==> flow/design.v <==
module alu_mux_mod #(
  parameter XLEN = 3,
  parameter N = 48,
  parameter LG = $clog2(N)
) (
  input wire i_clk,
  input wire aresetn,
  input wire adv,
  input wire [N*XLEN-1:0] din,
  input wire [LG-1:0] sel,
  output reg [XLEN-1:0] result
);
  reg [N*XLEN-1:0] din_r;
  reg [LG-1:0] sel_r;
  wire [XLEN-1:0] opt [0:N-1];
  genvar gi;
  generate
    for (gi = 0; gi < N; gi = gi + 1) begin : gen
      assign opt[gi] = din_r[gi*XLEN +: XLEN];
    end
  endgenerate
  always @(posedge i_clk or negedge aresetn) begin
    if (!aresetn) begin
      din_r <= 0;
      sel_r <= 0;
      result <= 0;
    end else if (adv) begin
      din_r <= din;
      sel_r <= sel;
      result <= opt[sel_r];
    end
  end
endmodule
# Step by step through the tools: alu_mux_mod
# The steps from the RTL of alu_mux_mod to its reports follow in flow order.
# Lines are those of the file above, counted from 1.
# Operators: Yosys type, input widths -> output width; for muxes data width and select width s.
# Library cell names are shortened.
inputs:
  top: "alu_mux_mod"
  clock: "i_clk"
  cell_library: "sky130hd"
  pvt_corner: "tt_025C_1v80"

# Elaborated design
# Source: Yosys, flattened and elaborated. Widths are those after wreduce. Registers that Yosys merges into a memory's read port (data or address) are not register bits. Print and check cells do not count. Equal cells are merged and count once.
word_totals:
  ff_bits: 153
  word_cells: 52
  inputBits: 153
  rom_bits: 0
  latch_bits: 0
  memories: 0
  clocked_rd_ports_x_width: 0
  mem_bits_rw: 0
op_classes:
  cmp: 0
  mul: 0
  equal: 47
  reduce_logical: 1
  addsub: 0
  muxes: 1
  n_logic: 0
  div_mod_pow: 0
  shift: 0
ops:
  columns: ["op", "count"]
  rows:
  - ["$pmux 3 s48", 1]
  - ["$eq 6x5->1 const B", 16]
  - ["$eq 6x6->1 const B", 16]
  - ["$eq 6x4->1 const B", 8]
  - ["$eq 6x3->1 const B", 4]
  - ["$eq 6x2->1 const B", 2]
  - ["$eq 6x1->1 const B", 1]
  - ["$logic_not 6->1", 1]

# Depth
# Depth = most cells in a row (Yosys ltp): at word level without a register or memory, in the mapped netlist without a sequential cell, where the memories' decode and read muxes count.
logic_depth:
  depth_word: 2
  abc_area: 0
  depth_mapped: 9
  mapped_depth_nobuf: 6

# After synthesis
# The flow's flattened synthesis, as Yosys stat reports it; memories are mapped. The netlist is that of the ABC_AREA named above (0 if unset); the other value can give another one.
by_type:
  columns: ["type", "count", "area_total_um2"]
  rows:
  - ["dfrtp_1", 153, 3.83E+03]
  - ["mux2_2", 154, 1.73E+03]
  - ["mux2i_1", 14, 140.134]
  - ["o21ai_0", 22, 110.106]
  - ["nand2_1", 29, 108.854]
  - ["a31oi_1", 15, 93.84]
  - ["buf_2", 18, 90.086]
  - ["clkbuf_1", 23, 86.333]
  - ["nand3_1", 17, 85.082]
  - ["nand3b_1", 9, 67.565]
  - ["a21oi_1", 13, 65.062]
  - ["and3_1", 9, 56.304]
  - ["a22o_1", 6, 52.55]
  - ["a22oi_1", 7, 52.55]
  - ["nor2_1", 13, 48.797]
  - ["mux4_2", 2, 45.043]
  - ["nor3b_1", 6, 45.043]
  - ["nor2b_1", 7, 43.792]
# Not listed: further types 38, cells in them 79.
mapped:
  ff_cells: 153
  mapped_area_um2: 7349.5
  cell_count: 596

# Worst setup path after synthesis
# OpenSTA on the mapped netlist: ideal clock, no wires. The path of least setup slack (recovery checks aside). Input and output delay are each 20% of the period. Register names are those of the netlist, which keeps one name where synthesis merged equal registers.
synth_path:
  path_kind: "register -> register"
  start: "register sel_r[0]"
  end: "register result[0]"
  arrival_time_ps: 1744
  path_buffers: 2
  clock_period_ps: 2350
  t_required_ps: 2212
  path_stages: 9
  delay_ps: 1882
  path_slack_ps: 467
  period_less_setup_slack_ps: 1883
# "delay_ps" is the arrival time less input delay plus setup time.
# "path_stages" counts driving pins, that of a launching flip-flop among them; a cell with two outputs on the path counts twice.
# "period_less_setup_slack_ps" = period - worst setup slack (recovery checks aside). The figure is calculated, with input and output delays left at 20% of the set period.
# Between the ends stands the longest chain of elaborated cells between them, by number of cells; it is not shown to be the way that was timed. Of several equally long chains one is given.
# Each line given opens the expression or statement behind the cell; cells for indexed reads and writes are added by Yosys, which also makes memories of some case tables.
synth_via:
  path_cell_list: "dfrtp_1 -> buf_6 -> and2_4 -> buf_6 -> a22oi_2 -> o22ai_1 -> a311o_1 -> a2111oi_4 -> a221oi_2"
  elab_chain_cells: 2
  cone_cells: 49
synth_lines:
  columns: ["item", "line_no", "rtl"]
  rows:
  - ["start, declared", 14, "reg [LG-1:0] sel_r;"]
  - ["start, assigned", 25, "sel_r <= 0;"]
  - ["start, assigned", 29, "sel_r <= sel;"]
  - ["$eq 6x6->1", 30, "result <= opt[sel_r];"]
  - ["$pmux 3 s48", 30, null]
  - ["end, assigned", 26, "result <= 0;"]
  - ["end, assigned", 30, null]
  - ["end, declared", 11, "output reg [XLEN-1:0] result"]

# Worst path after layout
# From the final timing report of record 1: the path of least setup slack in the routed layout; clock arrival at registers is part of the times.
# The path's times are printed in steps of 10 ps; the period is the one set.
layout_path:
  path_kind: "register -> register"
  start: "register sel_r[1]"
  end: "register result[0]"
  path_slack_ps: 170
  arrival_time_ps: 2510
  t_required_ps: 2680
  path_stages: 9
  path_buffers: 2
  clock_period_ps: 2350
# Between the ends stands the longest chain of elaborated cells between them, by number of cells; it is not shown to be the way that was timed. Of several equally long chains one is given.
layout_via:
  path_cell_list: "dfrtp_1 -> buf_12 -> nor2b_1 -> buf_4 -> a41o_1 -> a21oi_1 -> a22oi_1 -> o21ai_0 -> a221oi_2"
  elab_chain_cells: 2
  cone_cells: 49
layout_lines:
  columns: ["item", "line_no", "rtl"]
  rows:
  - ["start, declared", 14, "reg [LG-1:0] sel_r;"]
  - ["start, assigned", 25, "sel_r <= 0;"]
  - ["start, assigned", 29, "sel_r <= sel;"]
  - ["$eq 6x6->1", 30, "result <= opt[sel_r];"]
  - ["$pmux 3 s48", 30, null]
  - ["end, assigned", 26, "result <= 0;"]
  - ["end, assigned", 30, null]
  - ["end, declared", 11, "output reg [XLEN-1:0] result"]

==> runs of alu_mux_mod <==
Measured results for alu_mux_mod: 3 stored runs of the Yosys and OpenROAD flow on sky130hd. The settings differ; the order carries no meaning. The constraints put input and output delay at 20% of the set period each and load the outputs with 0.01 pF.
"achievedPeriod_ps" = clock period - worst setup slack. The figure is calculated, with input and output delays left at 20% of the set period.
"worst_path_time_ps": the worst setup path's part of the clock period (all of it between registers, 20% less for each end at a port) less its slack. A launch clock that arrives late makes it longer, a capture clock that arrives late makes it shorter.
"totalPower_uw": no workload was simulated; the value follows from the tool's default switching activity.
"worst_path_time_ps" is given in steps of 10 ps.

--- record 1 ---
==> flow/run.sh <==
#!/bin/bash
# the make line also repeats the synthesis and layout settings of config.mk as NAME=value (left out here)
make -C /OpenROAD-flow-scripts/flow DESIGN_CONFIG=/design/flow/config.mk WORK_HOME=/design/flow/orfs CLKGATE_MAP_FILE= finish
==> flow/config.mk <==
export PLATFORM = sky130hd
export DESIGN_NAME = alu_mux_mod
export DESIGN_NICKNAME = alu_mux_mod
export VERILOG_FILES = /design/flow/design.v
export SDC_FILE = /design/flow/constraint.sdc
export NUM_CORES = 4
export LEC_CHECK = 0
export CAP_MARGIN = 20
export CORE_MARGIN = 2
export CORE_UTILIZATION = 40
export SLEW_MARGIN = 20
==> flow/constraint.sdc <==
create_clock -name core_clock -period 2.35 [get_ports {i_clk}]
set_input_delay 0.4700 -clock core_clock [delete_from_list [all_inputs] [get_ports {i_clk}]]
set_output_delay 0.4700 -clock core_clock [all_outputs]
set_load 0.01 [all_outputs]

==> results, as YAML <==
results:
  final_cell_area_um2: 9860.7
  achievedPeriod_ps: 2184
  die_footprint_um2: 19474.2
  ws_setup_ps: 166
  totalPower_uw: 7132
  synthArea_um2: 7349.5
  timing.setup.tns_ps: 0
  worst_path_time_ps: 2180
  worst_setup_path_type: "register -> register"

--- record 2 ---
==> flow/run.sh <==
#!/bin/bash
# the make line also repeats the synthesis and layout settings of config.mk as NAME=value (left out here)
make -C /OpenROAD-flow-scripts/flow DESIGN_CONFIG=/design/flow/config.mk WORK_HOME=/design/flow/orfs CLKGATE_MAP_FILE= finish
==> flow/config.mk <==
export PLATFORM = sky130hd
export DESIGN_NAME = alu_mux_mod
export DESIGN_NICKNAME = alu_mux_mod
export VERILOG_FILES = /design/flow/design.v
export SDC_FILE = /design/flow/constraint.sdc
export NUM_CORES = 4
export LEC_CHECK = 0
export CAP_MARGIN = 20
export CELL_PAD_IN_SITES_GLOBAL_PLACEMENT = 3
export CORE_ASPECT_RATIO = 1.11
export CORE_MARGIN = 2
export CORE_UTILIZATION = 29
export GPL_ROUTABILITY_DRIVEN = 1
export MAX_ROUTING_LAYER = met4
export SLEW_MARGIN = 20
==> flow/constraint.sdc <==
create_clock -name core_clock -period 2.39 [get_ports {i_clk}]
set_input_delay 0.4780 -clock core_clock [delete_from_list [all_inputs] [get_ports {i_clk}]]
set_output_delay 0.4780 -clock core_clock [all_outputs]
set_load 0.01 [all_outputs]

==> results, as YAML <==
results:
  die_footprint_um2: 26633.8
  synthArea_um2: 7349.5
  totalPower_uw: 7166
  worst_path_time_ps: 2260
  worst_setup_path_type: "register -> register"
  final_cell_area_um2: 10020.9
  achievedPeriod_ps: 2258
  ws_setup_ps: 132
  timing.setup.tns_ps: 0

--- record 3 ---
==> flow/run.sh <==
#!/bin/bash
# the make line also repeats the synthesis and layout settings of config.mk as NAME=value (left out here)
make -C /OpenROAD-flow-scripts/flow DESIGN_CONFIG=/design/flow/config.mk WORK_HOME=/design/flow/orfs CLKGATE_MAP_FILE= finish
==> flow/config.mk <==
export PLATFORM = sky130hd
export DESIGN_NAME = alu_mux_mod
export DESIGN_NICKNAME = alu_mux_mod
export VERILOG_FILES = /design/flow/design.v
export SDC_FILE = /design/flow/constraint.sdc
export NUM_CORES = 4
export LEC_CHECK = 0
export ABC_AREA = 0
export CAP_MARGIN = 0
export CELL_PAD_IN_SITES_GLOBAL_PLACEMENT = 0
export CORE_ASPECT_RATIO = 0.67
export CORE_MARGIN = 2
export CORE_UTILIZATION = 45
export CTS_CLUSTER_SIZE = 17
export HOLD_SLACK_MARGIN = 0.29
export MAX_ROUTING_LAYER = met5
export PLACE_DENSITY_LB_ADDON = 0.18
export SETUP_SLACK_MARGIN = -0.12
export SLEW_MARGIN = 10
==> flow/constraint.sdc <==
create_clock -name core_clock -period 2.11 [get_ports {i_clk}]
set_input_delay 0.4220 -clock core_clock [delete_from_list [all_inputs] [get_ports {i_clk}]]
set_output_delay 0.4220 -clock core_clock [all_outputs]
set_load 0.01 [all_outputs]

==> results, as YAML <==
results:
  totalPower_uw: 8375
  final_cell_area_um2: 10053.4
  achievedPeriod_ps: 2091
  timing.setup.tns_ps: 0
  die_footprint_um2: 17390.9
  worst_path_time_ps: 2090
  worst_setup_path_type: "register -> register"
  ws_setup_ps: 19
  synthArea_um2: 7349.5
